==> flow/design.v <==
module sh_core_top (aclk, i_data, i_opb, i_sh, o_dout);
  parameter WIDTH = 8;
  localparam SEL_WIDTH = $clog2(WIDTH);
  input aclk;
  input [WIDTH-1:0] i_data;
  input [WIDTH-1:0] i_opb;
  input [SEL_WIDTH-1:0] i_sh;
  output reg [WIDTH-1:0] o_dout;
  wire [2*WIDTH-1:0] r;
  assign r = {i_opb, i_data} >> i_sh;
  always @(posedge aclk) begin
    o_dout <= r[WIDTH-1:0];
  end
endmodule
# Step by step through the tools: sh_core_top
# A sweep over "WIDTH": the same steps for each member of the family.
# The RTL above is that of WIDTH = 8; lines are counted from 1 in the file of the member named.
# Not given: n/a
# setup
design,sh_core_top
clock_port,aclk
lib,sky130hd
corner,tt_025C_1v80

# Members of the sweep
# New or changed lines of each further member against the RTL above, in its own file; lines it lacks are not shown.
# src_changes
WIDTH,line_no,source
14,2,parameter WIDTH = 14;
20,2,parameter WIDTH = 20;
48,2,parameter WIDTH = 48;
80,2,parameter WIDTH = 80;

# Elaborated design
# Source: Yosys, flattened and elaborated, memories not mapped. Widths are those after wreduce; folded enables and synchronous resets count as part of the registers. Registers that Yosys merges into a memory's read port (data or address) are not register bits. Print and check cells do not count. Equal cells are merged and count once.
# bits
WIDTH,reg_bits,output_inout_bits
8,8,8
14,14,14
20,20,20
48,48,48
80,80,80
# op_classes
WIDTH,shift
8,1
14,1
20,1
48,1
80,1
# ops
WIDTH,operators
8,16-bit by 3-bit right shift with 8-bit output: 1
14,28-bit by 4-bit right shift with 14-bit output: 1
20,40-bit by 5-bit right shift with 20-bit output: 1
48,96-bit by 6-bit right shift with 48-bit output: 1
80,160-bit by 7-bit right shift with 80-bit output: 1

# Logic depth
# Longest topological path by Yosys (ltp), each cell counted once; first at word level (registers and memories cut), then after technology mapping (sequential cells cut; the memories' decode and read muxes count).
# depth
WIDTH,depth_word,ABC_AREA,ltp_mapped
8,1,0,3
14,1,0,7
20,1,0,8
48,1,0,11
80,1,0,12

# Netlist
# Source: synth_stat.txt of the flow (Yosys; design flattened, memories mapped). It holds for the ABC_AREA given above (unset counts as 0); a run with the other value may have another netlist.
# synth_totals
WIDTH,cells,mapped_area_um2,seq_area_um2,flip_flops
8,29,501.7,160.2,8
14,138,1391.3,280.3,14
20,291,3064.2,400.4,20
48,847,8189.1,960.9,48
80,1576,14345.0,1601.5,80
# types
WIDTH,cell_types
8,sky130_fd_sc_hd__mux4_2: 10; sky130_fd_sc_hd__dfxtp_1: 8; sky130_fd_sc_hd__mux2_2: 8; sky130_fd_sc_hd__buf_6: 2; sky130_fd_sc_hd__buf_1: 1
14,sky130_fd_sc_hd__dfxtp_1: 14; sky130_fd_sc_hd__mux4_2: 12; sky130_fd_sc_hd__mux2i_1: 25; sky130_fd_sc_hd__mux2_2: 11; sky130_fd_sc_hd__nand2_1: 13; sky130_fd_sc_hd__a22oi_1: 5; sky130_fd_sc_hd__buf_4: 5; sky130_fd_sc_hd__nor2b_1: 4; sky130_fd_sc_hd__o22ai_1: 4; sky130_fd_sc_hd__a221o_1: 2; sky130_fd_sc_hd__nand2b_1: 3; sky130_fd_sc_hd__nor2_1: 5; sky130_fd_sc_hd__o221ai_1: 2; sky130_fd_sc_hd__a211oi_1: 2; sky130_fd_sc_hd__a21oi_1: 3; sky130_fd_sc_hd__mux2_4: 1; sky130_fd_sc_hd__o211ai_1: 2; sky130_fd_sc_hd__o21ai_0: 3; [+22]
20,sky130_fd_sc_hd__mux4_2: 43; sky130_fd_sc_hd__dfxtp_1: 20; sky130_fd_sc_hd__mux2_2: 35; sky130_fd_sc_hd__mux2i_1: 20; sky130_fd_sc_hd__a22oi_1: 16; sky130_fd_sc_hd__nand2_1: 18; sky130_fd_sc_hd__buf_2: 13; sky130_fd_sc_hd__mux2_4: 4; sky130_fd_sc_hd__nand3_1: 11; sky130_fd_sc_hd__o211ai_1: 6; sky130_fd_sc_hd__nor2b_1: 7; sky130_fd_sc_hd__nor2_1: 10; sky130_fd_sc_hd__a221oi_1: 4; sky130_fd_sc_hd__a2bb2oi_1: 4; sky130_fd_sc_hd__and2_1: 5; sky130_fd_sc_hd__a222oi_1: 3; sky130_fd_sc_hd__o21ai_0: 6; sky130_fd_sc_hd__a211o_1: 3; [+63]
48,sky130_fd_sc_hd__mux4_2: 124; sky130_fd_sc_hd__mux2i_1: 98; sky130_fd_sc_hd__dfxtp_1: 48; sky130_fd_sc_hd__mux2_2: 36; sky130_fd_sc_hd__nand2_1: 104; sky130_fd_sc_hd__a21oi_1: 35; sky130_fd_sc_hd__buf_2: 35; sky130_fd_sc_hd__nor2_1: 46; sky130_fd_sc_hd__o21ai_0: 32; sky130_fd_sc_hd__o22ai_1: 25; sky130_fd_sc_hd__o221ai_1: 15; sky130_fd_sc_hd__a22oi_1: 16; sky130_fd_sc_hd__clkbuf_1: 30; sky130_fd_sc_hd__nand3_1: 21; sky130_fd_sc_hd__a2bb2oi_1: 9; sky130_fd_sc_hd__a211oi_1: 10; sky130_fd_sc_hd__a22o_1: 8; sky130_fd_sc_hd__buf_4: 9; [+146]
80,sky130_fd_sc_hd__mux4_2: 167; sky130_fd_sc_hd__mux2i_1: 166; sky130_fd_sc_hd__dfxtp_1: 80; sky130_fd_sc_hd__mux2_2: 121; sky130_fd_sc_hd__nor2_1: 158; sky130_fd_sc_hd__o22ai_1: 86; sky130_fd_sc_hd__nand2_1: 142; sky130_fd_sc_hd__a21oi_1: 61; sky130_fd_sc_hd__o21ai_0: 60; sky130_fd_sc_hd__clkbuf_1: 77; sky130_fd_sc_hd__a22oi_1: 31; sky130_fd_sc_hd__a211oi_1: 30; sky130_fd_sc_hd__o221ai_1: 22; sky130_fd_sc_hd__buf_2: 35; sky130_fd_sc_hd__a221oi_1: 19; sky130_fd_sc_hd__o211ai_1: 20; sky130_fd_sc_hd__nor3_1: 28; sky130_fd_sc_hd__buf_6: 12; [+261]
# The mark [+n] counts cells that are not listed.

# Timing after synthesis
# Path of least setup slack by OpenSTA after synthesis, without wires, with an ideal clock, recovery checks aside; 20% of the period is set as input and as output delay. Where synthesis merged equal registers, the netlist keeps one of their names.
# synth_path
WIDTH,path_kind,from,to,clock_period_ns,path_slack_ns,driving_pins,path_delay_ns,period_less_setup_slack_ns
8,input -> register,input i_sh[0],register o_dout[0],1.59,0.254,3,1.019,1.336
14,input -> register,input i_sh[0],register o_dout[4],1.98,0.314,6,1.270,1.666
20,input -> register,input i_sh[0],register o_dout[14],2.41,0.383,5,1.545,2.027
48,input -> register,input i_sh[1],register o_dout[22],3.17,0.506,7,2.029,2.664
80,input -> register,input i_sh[1],register o_dout[5],3.37,0.537,11,2.159,2.833
# "path_delay_ns" is the arrival time less input delay plus setup time.
# "driving_pins" counts driving pins, that of a launching flip-flop among them; a cell with two outputs on the path counts twice.
# "period_less_setup_slack_ns" = period - worst setup slack (recovery checks aside). The figure is calculated, with input and output delays left at 20% of the set period.
# The rows between start and end are the longest chain of elaborated cells between them; the timing report does not say that the signal goes this way. Where chains are equally long, one stands for them.
# A line is the first line of the expression or statement that the cell stems from. Yosys adds cells for indexed reads and writes and turns some case tables into memories.
# synth_between_WIDTH_8
elab_chain_cells,1
# synth_lines_WIDTH_8
element,line_no,source
"start, declared",7,input [SEL_WIDTH-1:0] i_sh;
16-bit by 3-bit right shift with 8-bit output,10,"assign r = {i_opb, i_data} >> i_sh;"
"end, assigned",12,o_dout <= r[WIDTH-1:0];
"end, declared",8,output reg [WIDTH-1:0] o_dout;
# synth_between_WIDTH_80
elab_chain_cells,1
# synth_lines_WIDTH_80
element,line_no,source
"start, declared",7,input [SEL_WIDTH-1:0] i_sh;
160-bit by 7-bit right shift with 80-bit output,10,"assign r = {i_opb, i_data} >> i_sh;"
"end, assigned",12,o_dout <= r[WIDTH-1:0];
"end, declared",8,output reg [WIDTH-1:0] o_dout;

# Path in the finished layout
# From the final timing report of each member's run: the path of least setup slack in the routed layout; clock arrival at registers is part of the times.
# layout_path
WIDTH,path_kind,from,to,clock_period_ns,path_slack_ns,driving_pins,arrival_ns,n_path_buf
8,input -> register,input i_sh[2],register o_dout[0],1.59,0.03,4,1.69,2
14,input -> register,input i_opb[1],register o_dout[1],1.98,0.27,5,1.88,1
20,input -> register,input i_data[10],register o_dout[10],2.41,0.22,6,2.34,2
48,input -> register,input i_sh[3],register o_dout[39],3.17,0.34,7,2.98,2
80,input -> register,input i_opb[47],register o_dout[4],3.37,0.05,8,3.58,2

# Flow runs
# One run of the flow (Yosys, OpenROAD) for each member, with settings and measured results. Input and output delays are each 20% of the period that was set; the output load is 0.01 pF.
# flow_settings
CAP_MARGIN,20
CORE_MARGIN,2
CORE_UTILIZATION,40
SLEW_MARGIN,20
# settings_diff
WIDTH,period_ns
8,1.59
14,1.98
20,2.41
48,3.17
80,3.37
# measured
WIDTH,synthesis_area_um2,die_area_um2,layout_stdcell_area_um2,finalUtil_pct,ws_setup_ns,tns_ns,fin_hold_ws_ns,power_mw,period_reached_ns
8,501.7,1553.5,864.6,75.8,0.035,0.000,0.855,0.6209,1.555
14,1391.3,3965.8,2109.5,63.2,0.267,0.000,0.697,1.008,1.713
20,3064.2,8376.8,4093.9,55.8,0.217,0.000,0.825,1.539,2.193
48,8189.1,21634.0,10587.7,52.5,0.343,0.000,1.045,3.433,2.827
80,14345.0,37393.9,19770.2,55.7,0.051,0.000,0.857,6.634,3.319
# "period_reached_ns": clock period set for the run, less the worst setup slack. It is reckoned from that one timing run; input and output delays stay at 20% of the period that was set.
# "power_mw": no workload was simulated; the value follows from the tool's default switching activity.
